==> flow/design.v <==
module cpu_add_unit_top #(
   parameter int DWIDTH = 64
) (
   input  logic i_clk,
   input  logic [DWIDTH-1:0] da_i,
   input  logic [DWIDTH-1:0] db_i,
   output logic [DWIDTH:0] out_o
);
   logic [DWIDTH-1:0] da_q;
   logic [DWIDTH-1:0] db_q;
   always_ff @(posedge i_clk) begin
      da_q <= da_i;
      db_q <= db_i;
   end
   localparam int HALF = DWIDTH / 2;
   logic [HALF:0] lo_q;
   logic [DWIDTH-HALF-1:0] da_hi_q;
   logic [DWIDTH-HALF-1:0] db_hi_q;
   always_ff @(posedge i_clk) begin
      lo_q <= da_q[HALF-1:0] + db_q[HALF-1:0];
      da_hi_q <= da_q[DWIDTH-1:HALF];
      db_hi_q <= db_q[DWIDTH-1:HALF];
   end
   logic [DWIDTH-HALF:0] h;
   assign h = da_hi_q + db_hi_q + lo_q[HALF];
   always_ff @(posedge i_clk)
      out_o <= {h, lo_q[HALF-1:0]};
endmodule
# --- Step by step through the tools: cpu_add_unit_top ---
# Tool output for the design above, in the order of the flow.
# Lines are those of the file above, counted from 1.
# Operators carry their Yosys type and port widths (W data, S select, Z words).
# Library cell names are shortened.
inputs:
  top: "cpu_add_unit_top"
  clock_port: "i_clk"
  library: "sky130hd"
  corner: "tt_025C_1v80"

# --- Word level ---
# Source: Yosys, flattened and elaborated, memories not mapped. Widths are those after wreduce; folded enables and synchronous resets count as part of the registers. Registers that Yosys merges into a memory's read port (data or address) are not register bits. Print and check cells do not count. Equal cells are merged and count once.
word_totals:
  reg_bits: 290
  out_inout_bits: 65
  inputBits: 129
  word_cells: 9
classes:
  add_sub_neg: 3
ops:
  columns: ["op", "n"]
  rows:
  - ["$add A32 B32 Y33", 2]
  - ["$add A33 B1 Y33", 1]

# --- Depth ---
# Longest topological path by Yosys (ltp), each cell counted once; first at word level (registers and memories cut), then after technology mapping (sequential cells cut; the memories' decode and read muxes count).
depth:
  depth_word: 2
  ABC_AREA: 1
  mapped_depth: 12
  depth_no_buf: 12

# --- Mapped cells and area ---
# The flow's flattened synthesis, as Yosys stat reports it; memories are mapped. The netlist is that of the ABC_AREA named above (0 if unset); the other value can give another one.
# The area totals of this step are shown rounded.
mapped:
  buf_cells: 0
  ffs: 290
  cells: 1296
  synth_area_um2: 11000
  seq_area_um2: 5800
types:
  columns: ["cell_type", "n", "type_area_um2"]
  rows:
  - ["dfxtp_1", 290, 5.81E+03]
  - ["nand2_1", 459, 1.72E+03]
  - ["inv_1", 233, 874.589]
  - ["ha_1", 63, 788.256]
  - ["nor2_1", 77, 289.027]
  - ["nand3_1", 52, 260.25]
  - ["xor2_1", 29, 253.994]
  - ["a21oi_1", 42, 210.202]
  - ["nand2_2", 12, 75.072]
  - ["fa_1", 3, 60.058]
  - ["nor3_1", 11, 55.053]
  - ["nand4_1", 7, 43.792]
  - ["nand3_2", 3, 30.029]
  - ["a21o_1", 2, 15.014]
  - ["nand3b_1", 2, 15.014]
  - ["nor3b_1", 2, 15.014]
  - ["o21bai_1", 2, 15.014]
  - ["nor2_2", 2, 12.512]
# Other cell types: 4; their cells: 5.

# --- Worst setup path after synthesis ---
# OpenSTA on the mapped netlist: ideal clock, no wires. The path of least setup slack (recovery checks aside). Input and output delay are each 20% of the period. Register names are those of the netlist, which keeps one name where synthesis merged equal registers.
synth_path:
  path_kind: "register -> register"
  startpoint: "register lo_q[32]"
  endpoint: "register out_o[60]"
  arrival_time_ns: 1.853
  n_path_buf: 0
  driving_pins: 13
  slack_ns: 1.335
  launch_ns: 0.000
  setup_time_ns: 0.112
  required_time_ns: 3.188
  delay_ns: 1.965
  tclk_ns: 3.3
  period_less_setup_slack_ns: 1.965
# "delay_ns" = arrival - input delay + setup time.
# "driving_pins": output pins that drive a net of the path, with the launching flip-flop's if there is one; two outputs of one cell count as two.
# "period_less_setup_slack_ns" is the clock period less the worst setup slack; recovery checks do not enter. This is arithmetic on one report: input and output delays are still those of the set period (20% each).
# Between the ends stands the longest chain of elaborated cells between them, by number of cells; it is not shown to be the way that was timed. Of several equally long chains one is given.
# A line is the first line of the expression or statement that the cell stems from. Yosys adds cells for indexed reads and writes and turns some case tables into memories.
synth_via:
  path_cell_list: "dfxtp_1 -> fa_1 -> fa_1 -> nand3_1 -> nand3_1 -> nand2_1 -> nand2_2 -> nand2_1 -> nand2_2 -> nand2_1 -> nand2_1 -> nand2_1 -> nand2_1"
  elab_chain_len: 1
  cells_between: 1
  cone_lines: 1
  cone_classes: "add/sub: 1"
synth_lines:
  columns: ["item", "line_no", "source"]
  rows:
  - ["start, declared", 16, "logic [HALF:0] lo_q;"]
  - ["start, assigned", 20, "lo_q <= da_q[HALF-1:0] + db_q[HALF-1:0];"]
  - ["$add A33 B1 Y33", 25, "assign h = da_hi_q + db_hi_q + lo_q[HALF];"]
  - ["end, assigned", 27, "out_o <= {h, lo_q[HALF-1:0]};"]
  - ["end, declared", 7, "output logic [DWIDTH:0] out_o"]

# --- Worst path after layout ---
# Path of least setup slack in the final report of run A (OpenROAD, finished layout, wires in). Where an end is a register, its clock arrival counts in the times.
layout_path:
  path_kind: "register -> register"
  startpoint: "register db_hi_q[0]"
  endpoint: "register out_o[56]"
  tclk_ns: 1.69
  setup_time_ns: 0.11
  launch_ns: 0.53
  required_time_ns: 2.11
  slack_ns: -0.30
  driving_pins: 11
  n_path_buf: 0
  arrival_time_ns: 2.41
# Between the ends stands the longest chain of elaborated cells between them, by number of cells; it is not shown to be the way that was timed. Of several equally long chains one is given.
layout_via:
  path_cell_list: "dfxtp_2 -> fa_2 -> fa_2 -> nand3_2 -> nand3_2 -> nand2_2 -> nand2_4 -> nand3_1 -> nand3_1 -> nand2_1 -> nand2_1"
  elab_chain_len: 2
  cells_between: 2
  cone_lines: 1
  cone_classes: "add/sub: 2"
layout_lines:
  columns: ["item", "line_no", "source"]
  rows:
  - ["start, declared", 18, "logic [DWIDTH-HALF-1:0] db_hi_q;"]
  - ["start, assigned", 22, "db_hi_q <= db_q[DWIDTH-1:HALF];"]
  - ["$add A32 B32 Y33", 25, "assign h = da_hi_q + db_hi_q + lo_q[HALF];"]
  - ["$add A33 B1 Y33", 25, null]
  - ["end, assigned", 27, "out_o <= {h, lo_q[HALF-1:0]};"]
  - ["end, declared", 7, "output logic [DWIDTH:0] out_o"]

# Stored flow runs of cpu_add_unit_top (3 of them; Yosys, OpenROAD, sky130hd). They differ in their settings and are not a sequence. Constraints: input delay and output delay 20% of the set period each, output load 0.01 pF.
# "period_less_ws_ns" is the run's clock period less its worst setup slack. It is reckoned from that one timing run; input and output delays stay at 20% of the period that was set.
# "power_mw": no workload was simulated; the value follows from the tool's default switching activity.
# The results are shown rounded.
runs:
  - name: "run A"
    settings:
      period_ns: 1.69
      CORE_UTILIZATION: 52
      SETUP_SLACK_MARGIN: 0.47
      PLACE_DENSITY: 0.72
      CORE_ASPECT_RATIO: 0.81
      ABC_AREA: 1
      CTS_CLUSTER_DIAMETER: 352
      MIN_ROUTING_LAYER: "met1"
      CAP_MARGIN: 20
      CORE_MARGIN: 2
      SLEW_MARGIN: 20
    results:
      synthesis_area_um2: 11000
      utilization_pct: 82
      die_area_um2: 21000
      timing.setup.ws_ns: -0.30
      ws_hold_ns: 0.23
      power_mw: 18
      period_less_ws_ns: 1.988
  - name: "run B"
    settings:
      period_ns: 3.3
      CAP_MARGIN: 20
      CORE_MARGIN: 2
      CORE_UTILIZATION: 40
      SLEW_MARGIN: 20
    results:
      power_mw: 8.6
      utilization_pct: 55
      synthesis_area_um2: 9300
      die_area_um2: 24000
      ws_hold_ns: 0.32
      period_less_ws_ns: 2.920
      timing.setup.ws_ns: 0.38
  - name: "run C"
    settings:
      period_ns: 2.36
      CORE_UTILIZATION: 49
      SETUP_SLACK_MARGIN: 0.22
      PLACE_DENSITY_LB_ADDON: 0.13
      CORE_ASPECT_RATIO: 0.52
      CELL_PAD_IN_SITES_GLOBAL_PLACEMENT: 2
      ABC_AREA: 0
      GPL_ROUTABILITY_DRIVEN: 0
      MIN_ROUTING_LAYER: "met2"
      MAX_ROUTING_LAYER: "met4"
      CAP_MARGIN: 20
      CORE_MARGIN: 2
      SLEW_MARGIN: 20
    results:
      die_area_um2: 20000
      synthesis_area_um2: 9300
      timing.setup.ws_ns: -0.35
      power_mw: 12
      period_less_ws_ns: 2.710
      ws_hold_ns: 0.32
      utilization_pct: 72
